==> flow/design.v <==
module ex_as_core_stage #(
    parameter integer DATA_WIDTH = 80
) (
    input  logic aclk,
    input  logic rst_n,
    input  logic [DATA_WIDTH-1:0] da_i,
    input  logic [DATA_WIDTH-1:0] db_i,
    input  logic subtract_i,
    output logic [DATA_WIDTH-1:0] result_o,
    output logic carry_out_o
);
    logic [DATA_WIDTH-1:0] r_da;
    always_ff @(posedge aclk) begin
        if (!rst_n) begin
            r_da <= 0;
        end else begin
            r_da <= da_i;
        end
    end
    logic [DATA_WIDTH-1:0] r_db;
    always_ff @(posedge aclk) begin
        if (!rst_n) begin
            r_db <= 0;
        end else begin
            r_db <= db_i;
        end
    end
    logic r_subtract;
    always_ff @(posedge aclk) begin
        if (!rst_n) begin
            r_subtract <= 1'b0;
        end else begin
            r_subtract <= subtract_i;
        end
    end
    logic [DATA_WIDTH-1:0] aux;
    assign aux = r_db ^ {DATA_WIDTH{r_subtract}};
    logic [DATA_WIDTH:0] val;
    assign val = r_da + aux + r_subtract;
    assign result_o = val[DATA_WIDTH-1:0];
    assign carry_out_o = val[DATA_WIDTH];
endmodule
Step by step through the tools: ex_as_core_stage
What the tools print for ex_as_core_stage, step after step.
Line numbers count from 1 in the design file above.
{"block": "inputs", "design": "ex_as_core_stage", "clock": "aclk", "cell_library": "sky130hd", "lib_corner": "tt_025C_1v80"}

Word-level counts
Counts by Yosys on the flattened word-level netlist (proc, flatten, opt, wreduce; memories kept). Register bits leave out memories and registers merged into their read ports (data or address); mux counts leave out enables and synchronous resets folded into registers. Print and check cells are left out. Cells with the same type and inputs are merged into one.
{"block": "bits", "inputBits": 163, "wordCells": 6, "ff_bits": 161}
{"block": "classes", "add_sub_neg": 2, "bitwise": 1}
{"block": "op_table", "op": "adder 80 x 80 -> 81 bit", "n": 1}
{"block": "op_table", "op": "adder 81 x 1 -> 81 bit", "n": 1}
{"block": "op_table", "op": "XOR 80 bit", "n": 1}

Logic depth
Longest topological path by Yosys (ltp), each cell counted once; first at word level (registers and memories cut), then after technology mapping (sequential cells cut; the memories' decode and read muxes count).
{"block": "depth", "ltp_word": 3, "abc_area": 0, "ltp_mapped": 15}

After synthesis
The flow's flattened synthesis, as Yosys stat reports it; memories are mapped. The netlist is that of the ABC_AREA named above (0 if unset); the other value can give another one.
{"block": "mapped", "buffers": 64, "area_um2": 9979.6, "mapped_cells": 1175, "ff_cells": 161, "seqArea_um2": 3223.1}
{"block": "types", "cell_type": "sky130_fd_sc_hd__dfxtp_1", "n": 161, "area_total_um2": 3.22E+03}
{"block": "types", "cell_type": "sky130_fd_sc_hd__ha_1", "n": 82, "area_total_um2": 1.03E+03}
{"block": "types", "cell_type": "sky130_fd_sc_hd__and2_1", "n": 163, "area_total_um2": 1.02E+03}
{"block": "types", "cell_type": "sky130_fd_sc_hd__xor2_1", "n": 104, "area_total_um2": 910.874}
{"block": "types", "cell_type": "sky130_fd_sc_hd__a21oi_1", "n": 108, "area_total_um2": 540.518}
{"block": "types", "cell_type": "sky130_fd_sc_hd__xnor2_1", "n": 53, "area_total_um2": 464.195}
{"block": "types", "cell_type": "sky130_fd_sc_hd__a21o_1", "n": 36, "area_total_um2": 270.259}
{"block": "types", "cell_type": "sky130_fd_sc_hd__o21ai_0", "n": 52, "area_total_um2": 260.25}
{"block": "types", "cell_type": "sky130_fd_sc_hd__nand4_1", "n": 40, "area_total_um2": 250.24}
{"block": "types", "cell_type": "sky130_fd_sc_hd__nand2_1", "n": 62, "area_total_um2": 232.723}
{"block": "types", "cell_type": "sky130_fd_sc_hd__nor2_1", "n": 58, "area_total_um2": 217.709}
{"block": "types", "cell_type": "sky130_fd_sc_hd__o21bai_1", "n": 28, "area_total_um2": 210.202}
{"block": "types", "cell_type": "sky130_fd_sc_hd__clkbuf_1", "n": 55, "area_total_um2": 206.448}
{"block": "types", "cell_type": "sky130_fd_sc_hd__inv_1", "n": 26, "area_total_um2": 97.594}
{"block": "types", "cell_type": "sky130_fd_sc_hd__o21a_1", "n": 13, "area_total_um2": 97.594}
{"block": "types", "cell_type": "sky130_fd_sc_hd__nor3_1", "n": 14, "area_total_um2": 70.067}
{"block": "types", "cell_type": "sky130_fd_sc_hd__nand2b_1", "n": 10, "area_total_um2": 62.56}
{"block": "types", "cell_type": "sky130_fd_sc_hd__a31oi_1", "n": 9, "area_total_um2": 56.304}
Not listed: further types 39, cells in them 101.

Timing after synthesis
Source: OpenSTA report_checks on the synthesized netlist (no wires, ideal clock, input and output delay 20% of the period each), path of least setup slack; recovery checks are left aside. Register names are those of the netlist, which keeps one name where synthesis merged equal registers.
{"block": "synth_path", "kind": "reg2out", "start": "reg r_subtract", "end": "out result_o[72]", "driving_pins": 16, "arrival_time_ns": 4.098, "t_required_ns": 5.120, "tclk_ns": 6.4, "path_delay_ns": 4.098, "path_slack_ns": 1.022, "synth_period_reached_ns": 5.378}
"path_delay_ns" = arrival - input delay + setup time.
At an output port there is no setup time.
"driving_pins" counts driving pins, that of a launching flip-flop among them; a cell with two outputs on the path counts twice.
"synth_period_reached_ns" = period - worst setup slack (recovery checks aside). The figure is calculated, with input and output delays left at 20% of the set period.
Between the ends stands the longest chain of elaborated cells between them, by number of cells; it is not shown to be the way that was timed. Of several equally long chains one is given.
A line is the first line of the expression or statement that the cell stems from. Yosys adds cells for indexed reads and writes and turns some case tables into memories.
{"block": "synth_between", "path_cell_list": "sky130_fd_sc_hd__dfxtp_1 -> sky130_fd_sc_hd__buf_2 -> sky130_fd_sc_hd__buf_1 -> sky130_fd_sc_hd__clkbuf_1 -> sky130_fd_sc_hd__xor2_1 -> sky130_fd_sc_hd__ha_1 -> sky130_fd_sc_hd__a21o_1 -> sky130_fd_sc_hd__or3_1 -> sky130_fd_sc_hd__nand2b_1 -> sky130_fd_sc_hd__o221ai_2 -> sky130_fd_sc_hd__o21ba_2 -> sky130_fd_sc_hd__o21ai_1 -> sky130_fd_sc_hd__a31o_2 -> sky130_fd_sc_hd__o311a_1 -> sky130_fd_sc_hd__o21a_1 -> sky130_fd_sc_hd__a311oi_1", "elab_chain_len": 3, "cells_between": 3, "classes_between": "add/sub (2); logic (1)"}
{"block": "synth_lines", "item": "start, declared", "line": 28, "text": "logic r_subtract;"}
{"block": "synth_lines", "item": "start, assigned", "line": 31, "text": "r_subtract <= 1'b0;"}
{"block": "synth_lines", "item": "start, assigned", "line": 33, "text": "r_subtract <= subtract_i;"}
{"block": "synth_lines", "item": "XOR 80 bit", "line": 37, "text": "assign aux = r_db ^ {DATA_WIDTH{r_subtract}};"}
{"block": "synth_lines", "item": "adder 80 x 80 -> 81 bit", "line": 39, "text": "assign val = r_da + aux + r_subtract;"}
{"block": "synth_lines", "item": "adder 81 x 1 -> 81 bit", "line": 39}
{"block": "synth_lines", "item": "end, declared", "line": 9, "text": "output logic [DATA_WIDTH-1:0] result_o,"}

Worst path after layout
Path of least setup slack in the final report of flow run A (OpenROAD, finished layout, wires in). Where an end is a register, its clock arrival counts in the times.
{"block": "layout_path", "kind": "reg2out", "start": "reg r_subtract", "end": "out result_o[72]", "t_required_ns": 5.12, "arrival_time_ns": 4.85, "path_slack_ns": 0.27, "driving_pins": 13, "tclk_ns": 6.4}
Between the ends stands the longest chain of elaborated cells between them, by number of cells; it is not shown to be the way that was timed. Of several equally long chains one is given.
{"block": "layout_between", "path_cell_list": "sky130_fd_sc_hd__dfxtp_4 -> sky130_fd_sc_hd__buf_12 -> sky130_fd_sc_hd__xor2_1 -> sky130_fd_sc_hd__ha_1 -> sky130_fd_sc_hd__nand4_1 -> sky130_fd_sc_hd__or4_1 -> sky130_fd_sc_hd__o21ba_2 -> sky130_fd_sc_hd__o21ai_1 -> sky130_fd_sc_hd__a31o_2 -> sky130_fd_sc_hd__o311a_1 -> sky130_fd_sc_hd__nor2_1 -> sky130_fd_sc_hd__a311oi_1 -> sky130_fd_sc_hd__clkdlybuf4s50_1", "elab_chain_len": 3, "cells_between": 3, "classes_between": "add/sub (2); logic (1)"}
{"block": "layout_lines", "item": "start, declared", "line": 28, "text": "logic r_subtract;"}
{"block": "layout_lines", "item": "start, assigned", "line": 31, "text": "r_subtract <= 1'b0;"}
{"block": "layout_lines", "item": "start, assigned", "line": 33, "text": "r_subtract <= subtract_i;"}
{"block": "layout_lines", "item": "XOR 80 bit", "line": 37, "text": "assign aux = r_db ^ {DATA_WIDTH{r_subtract}};"}
{"block": "layout_lines", "item": "adder 80 x 80 -> 81 bit", "line": 39, "text": "assign val = r_da + aux + r_subtract;"}
{"block": "layout_lines", "item": "adder 81 x 1 -> 81 bit", "line": 39}
{"block": "layout_lines", "item": "end, declared", "line": 9, "text": "output logic [DATA_WIDTH-1:0] result_o,"}

## Implementation results

Stored flow runs of ex_as_core_stage (3 of them; Yosys, OpenROAD, sky130hd). They differ in their settings and are not a sequence. Constraints: input delay and output delay 20% of the set period each, output load 0.01 pF.
"timing.achieved_period_ns" = clock period - worst setup slack. The figure is calculated, with input and output delays left at 20% of the set period.
"worstPathTime_ns": the worst setup path's part of the clock period (all of it between registers, 20% less for each end at a port) less its slack. A launch clock that arrives late makes it longer, a capture clock that arrives late makes it shorter.
"power.total_w": no workload was simulated; the value follows from the tool's default switching activity.

{"run": "flow run A", "settings": { "period_ns": 6.4, "CAP_MARGIN": 20, "CORE_MARGIN": 2, "CORE_UTILIZATION": 40, "SLEW_MARGIN": 20 }, "results": { "tns_setup_ns": 0.000, "timing.achieved_period_ns": 6.129, "final_cell_area_um2": 13257.7, "yosys_chip_area_um2": 9979.6, "post_route_util_pct": 54.4, "worstPathTime_ns": 4.85, "worst_setup_path_type": "reg2out", "dieArea_um2": 26227.8, "hold_ws_ns": 1.421, "final_setup_ws_ns": 0.271, "power.total_w": 0.003312 }}
{"run": "flow run B", "settings": { "period_ns": 3.13, "CORE_UTILIZATION": 54, "SETUP_SLACK_MARGIN": 0.92, "PLACE_DENSITY": 0.51, "CORE_ASPECT_RATIO": 1.94, "CTS_CLUSTER_DIAMETER": 70, "CAP_MARGIN": 10, "MIN_ROUTING_LAYER": "met1", "MAX_ROUTING_LAYER": "met4", "CORE_MARGIN": 2, "SLEW_MARGIN": 20 }, "outcome": "unfinished; error DPL-0038 in routing"}
{"run": "flow run C", "settings": { "period_ns": 7.71, "CORE_UTILIZATION": 38, "SETUP_SLACK_MARGIN": -0.08, "PLACE_DENSITY_LB_ADDON": 0.11, "CORE_ASPECT_RATIO": 1.01, "CELL_PAD_IN_SITES_DETAIL_PLACEMENT": 1, "GPL_TIMING_DRIVEN": 0, "SLEW_MARGIN": 25, "MAX_ROUTING_LAYER": "met5", "CAP_MARGIN": 20, "CORE_MARGIN": 2 }, "results": { "tns_setup_ns": 0.000, "timing.achieved_period_ns": 7.523, "final_cell_area_um2": 13431.6, "yosys_chip_area_um2": 9979.6, "post_route_util_pct": 52.1, "worstPathTime_ns": 5.98, "worst_setup_path_type": "reg2out", "dieArea_um2": 27574.4, "hold_ws_ns": 1.500, "final_setup_ws_ns": 0.187, "power.total_w": 0.002763 }}
